==> flow/design.v <==
module sync_mul_unit_mod (ck, RSTN, step, a, b, res);
    parameter DATA_WIDTH = 11;
    parameter NUM = 4;
    localparam RW = 2*DATA_WIDTH + $clog2(NUM);
    input ck;
    input RSTN;
    input step;
    input [NUM*DATA_WIDTH-1:0] a;
    input [NUM*DATA_WIDTH-1:0] b;
    output [RW-1:0] res;
    reg [RW-1:0] t;
    integer i;
    always @(*) begin
        t = 0;
        for (i = 0; i < NUM; i = i + 1)
            t = t + a[i*DATA_WIDTH +: DATA_WIDTH] * b[i*DATA_WIDTH +: DATA_WIDTH];
    end
    reg [RW-1:0] res_ff;
    always @(posedge ck or negedge RSTN) begin
        if (~RSTN) begin
            res_ff <= 0;
        end else if (step) begin
            res_ff <= t;
        end
    end
    assign res = res_ff;
endmodule
Reports on sync_mul_unit_mod
What the tools print for sync_mul_unit_mod, step after step.
Lines are those of the file above, counted from 1.
Operators: Yosys type, input widths -> output width; for muxes data width and select width s.
Library cell names are shortened.
{ "setup": {"design": "sync_mul_unit_mod", "clock_port": "ck", "library": "sky130hd", "corner": "tt_025C_1v80"} }

After elaboration
Source: Yosys, flattened and elaborated, memories not mapped. Widths are those after wreduce; folded enables and synchronous resets count as part of the registers. Registers that Yosys merges into a memory's read port (data or address) are not register bits. Print and check cells do not count. Equal cells are merged and count once.
{ "word_totals": {"regBits": 24, "in_bits": 91, "output_inout_bits": 24, "elab_cells": 8} }
{ "classes": {"n_addsub": 3, "multipliers": 4} }
{ "op_table": {"columns": ["cell", "n"], "rows": [
  ["$mul 11x11->22", 4],
  ["$add 23x22->24", 1],
  ["$add 24x22->24", 1],
  ["$add 22x22->23", 1]
]} }

Depth
Longest topological path by Yosys (ltp), each cell counted once; first at word level (registers and memories cut), then after technology mapping (sequential cells cut; the memories' decode and read muxes count).
{ "depth": {"word_depth": 4, "abc_area": 0, "ltp_mapped": 26, "mapped_depth_nobuf": 25} }

Mapped cells and area
Yosys stat after the flow's synthesis: flattened, memories mapped to cells. It holds for the ABC_AREA given above (unset counts as 0); a run with the other value may have another netlist.
The area totals of this step are shown rounded.
{ "by_type": {"columns": ["type", "n", "area_total_um2"], "rows": [
  ["fa_1", 439, 8.79E+03],
  ["ha_1", 197, 2.46E+03],
  ["and2_1", 319, 2E+03],
  ["inv_1", 526, 1.97E+03],
  ["nand2_1", 183, 686.909],
  ["dfrtp_1", 24, 600.576],
  ["clkbuf_1", 86, 322.81],
  ["mux2_2", 16, 180.173],
  ["a21oi_1", 18, 90.086],
  ["xnor2_1", 10, 87.584],
  ["o21ai_0", 9, 45.043],
  ["xor2_1", 5, 43.792],
  ["nor2_1", 11, 41.29],
  ["buf_4", 5, 37.536],
  ["nand3_1", 6, 30.029],
  ["o21a_1", 4, 30.029],
  ["o221ai_2", 2, 30.029],
  ["a221oi_4", 1, 26.275]
]} }
Other cell types: 36; their cells: 57.
{ "synth_totals": {"cell_count": 1918, "synth_area_mm2": 0.0179, "seq_area_mm2": 0.000601, "ffs": 24, "buffers": 97} }

Worst setup path after synthesis
Path of least setup slack by OpenSTA after synthesis, without wires, with an ideal clock, recovery checks aside; 20% of the period is set as input and as output delay. Where synthesis merged equal registers, the netlist keeps one of their names.
{ "synth_path": {"path_kind": "input -> register", "from": "input a[4]", "to": "register res_ff[20]", "period_ns": 10.3, "in_delay_ns": 2.060, "setup_ns": 0.087, "launch_ns": 2.060, "arrival_time_ns": 8.572, "required_ns": 10.213, "path_slack_ns": 1.641, "path_delay_ns": 6.599, "stages": 23, "path_buffers": 2, "synth_period_reached_ns": 8.659} }
"path_delay_ns" is the arrival time less input delay plus setup time.
"stages": output pins that drive a net of the path, with the launching flip-flop's if there is one; two outputs of one cell count as two.
"synth_period_reached_ns" = period - worst setup slack (recovery checks aside). The figure is calculated, with input and output delays left at 20% of the set period.
Between the ends stands the longest chain of elaborated cells between them, by number of cells; it is not shown to be the way that was timed. Of several equally long chains one is given.
Each line given opens the expression or statement behind the cell; cells for indexed reads and writes are added by Yosys, which also makes memories of some case tables.
{ "synth_via": {"path_cell_list": "clkbuf_1 -> nand2_1 -> fa_1 -> inv_1 -> fa_1 -> fa_1 -> inv_1 -> fa_1 -> fa_1 -> inv_1 -> fa_1 -> fa_1 -> fa_1 -> inv_1 -> fa_1 -> inv_1 -> ha_1 -> buf_2 -> nand2_1 -> or3_1 -> o221ai_2 -> or4b_1 -> o211ai_1", "elab_chain_len": 4, "cone_cells": 4, "cone_lines": 1, "cone_classes": "3 x add/sub; 1 x mul"} }
{ "synth_lines": {"columns": ["item", "line_no", "text"], "rows": [
  ["start: declaration", 8, "input [NUM*DATA_WIDTH-1:0] a;"],
  ["$mul 11x11->22", 16, "t = t + a[i*DATA_WIDTH +: DATA_WIDTH] * b[i*DATA_WIDTH +: DATA_WIDTH];"],
  ["$add 22x22->23", 16, null],
  ["$add 23x22->24", 16, null],
  ["$add 24x22->24", 16, null],
  ["end: assignment", 21, "res_ff <= 0;"],
  ["end: assignment", 23, "res_ff <= t;"],
  ["end: declaration", 18, "reg [RW-1:0] res_ff;"]
]} }

Timing after layout
From the final timing report of job 1: the path of least setup slack in the routed layout; clock arrival at registers is part of the times.
{ "layout_path": {"path_kind": "input -> register", "from": "input a[4]", "to": "register res_ff[23]", "period_ns": 10.7, "in_delay_ns": 2.14, "setup_ns": 0.11, "launch_ns": 2.14, "arrival_time_ns": 10.26, "required_ns": 10.86, "path_slack_ns": 0.60, "stages": 25, "path_buffers": 3} }
Between the ends stands the longest chain of elaborated cells between them, by number of cells; it is not shown to be the way that was timed. Of several equally long chains one is given.
{ "layout_via": {"path_cell_list": "clkdlybuf4s50_1 -> clkbuf_1 -> nand2_1 -> fa_1 -> inv_1 -> fa_1 -> fa_1 -> inv_1 -> fa_1 -> fa_1 -> inv_1 -> fa_1 -> fa_1 -> fa_1 -> inv_1 -> fa_1 -> inv_1 -> ha_1 -> buf_2 -> and4_1 -> nand3_1 -> a21oi_1 -> o2111ai_1 -> mux2i_1 -> a211o_1", "elab_chain_len": 4, "cone_cells": 4, "cone_lines": 1, "cone_classes": "3 x add/sub; 1 x mul"} }
{ "layout_lines": {"columns": ["item", "line_no", "text"], "rows": [
  ["start: declaration", 8, "input [NUM*DATA_WIDTH-1:0] a;"],
  ["$mul 11x11->22", 16, "t = t + a[i*DATA_WIDTH +: DATA_WIDTH] * b[i*DATA_WIDTH +: DATA_WIDTH];"],
  ["$add 22x22->23", 16, null],
  ["$add 23x22->24", 16, null],
  ["$add 24x22->24", 16, null],
  ["end: assignment", 21, "res_ff <= 0;"],
  ["end: assignment", 23, "res_ff <= t;"],
  ["end: declaration", 18, "reg [RW-1:0] res_ff;"]
]} }

Add stored flow runs of sync_mul_unit_mod

Below are 3 stored runs of the flow (Yosys, OpenROAD; platform sky130hd) on sync_mul_unit_mod, each with its settings and what was measured, unordered. Constraints: input delay and output delay 20% of the set period each, output load 0.01 pF.
By "achieved_clock_period_ns" is meant the clock period of the run minus its worst setup slack. This is arithmetic on one report: input and output delays are still those of the set period (20% each).
Results are given in rounded form.
[
  {
    "run": "job 1",
    "settings": { "period_ns": 10.7, "CORE_UTILIZATION": 18, "SETUP_SLACK_MARGIN": 0.09, "CORE_ASPECT_RATIO": 0.68, "CELL_PAD_IN_SITES_GLOBAL_PLACEMENT": 2, "TNS_END_PERCENT": 70, "GPL_TIMING_DRIVEN": 0, "CAP_MARGIN": 15, "SLEW_MARGIN": 30, "CORE_MARGIN": 2 },
    "results": { "stdcell_area_mm2": 0.0207, "worst_hold_slack_ns": 0.496, "setup_ws_ns": 0.600, "post_route_util_pct": 21.0, "die_mm2": 0.102, "post_synth_area_mm2": 0.0179, "achieved_clock_period_ns": 10.100 }
  },
  {
    "run": "job 2",
    "settings": { "period_ns": 5.78, "CORE_UTILIZATION": 64, "PLACE_DENSITY_LB_ADDON": 0.17, "ABC_AREA": 1, "GPL_TIMING_DRIVEN": 1, "CTS_CLUSTER_DIAMETER": 260, "CAP_MARGIN": 0, "MIN_ROUTING_LAYER": "met2", "CORE_MARGIN": 2, "SLEW_MARGIN": 20 },
    "results": { "post_route_util_pct": 82.9, "die_mm2": 0.0303, "setup_ws_ns": -1.87, "achieved_clock_period_ns": 7.645, "post_synth_area_mm2": 0.0185, "stdcell_area_mm2": 0.0237, "worst_hold_slack_ns": 0.476 }
  },
  {
    "run": "job 3",
    "settings": { "period_ns": 10.3, "CAP_MARGIN": 20, "CORE_MARGIN": 2, "CORE_UTILIZATION": 40, "SLEW_MARGIN": 20 },
    "results": { "achieved_clock_period_ns": 9.398, "worst_hold_slack_ns": 0.495, "stdcell_area_mm2": 0.0195, "die_mm2": 0.0464, "post_synth_area_mm2": 0.0179, "setup_ws_ns": 0.902, "post_route_util_pct": 44.1 }
  }
]
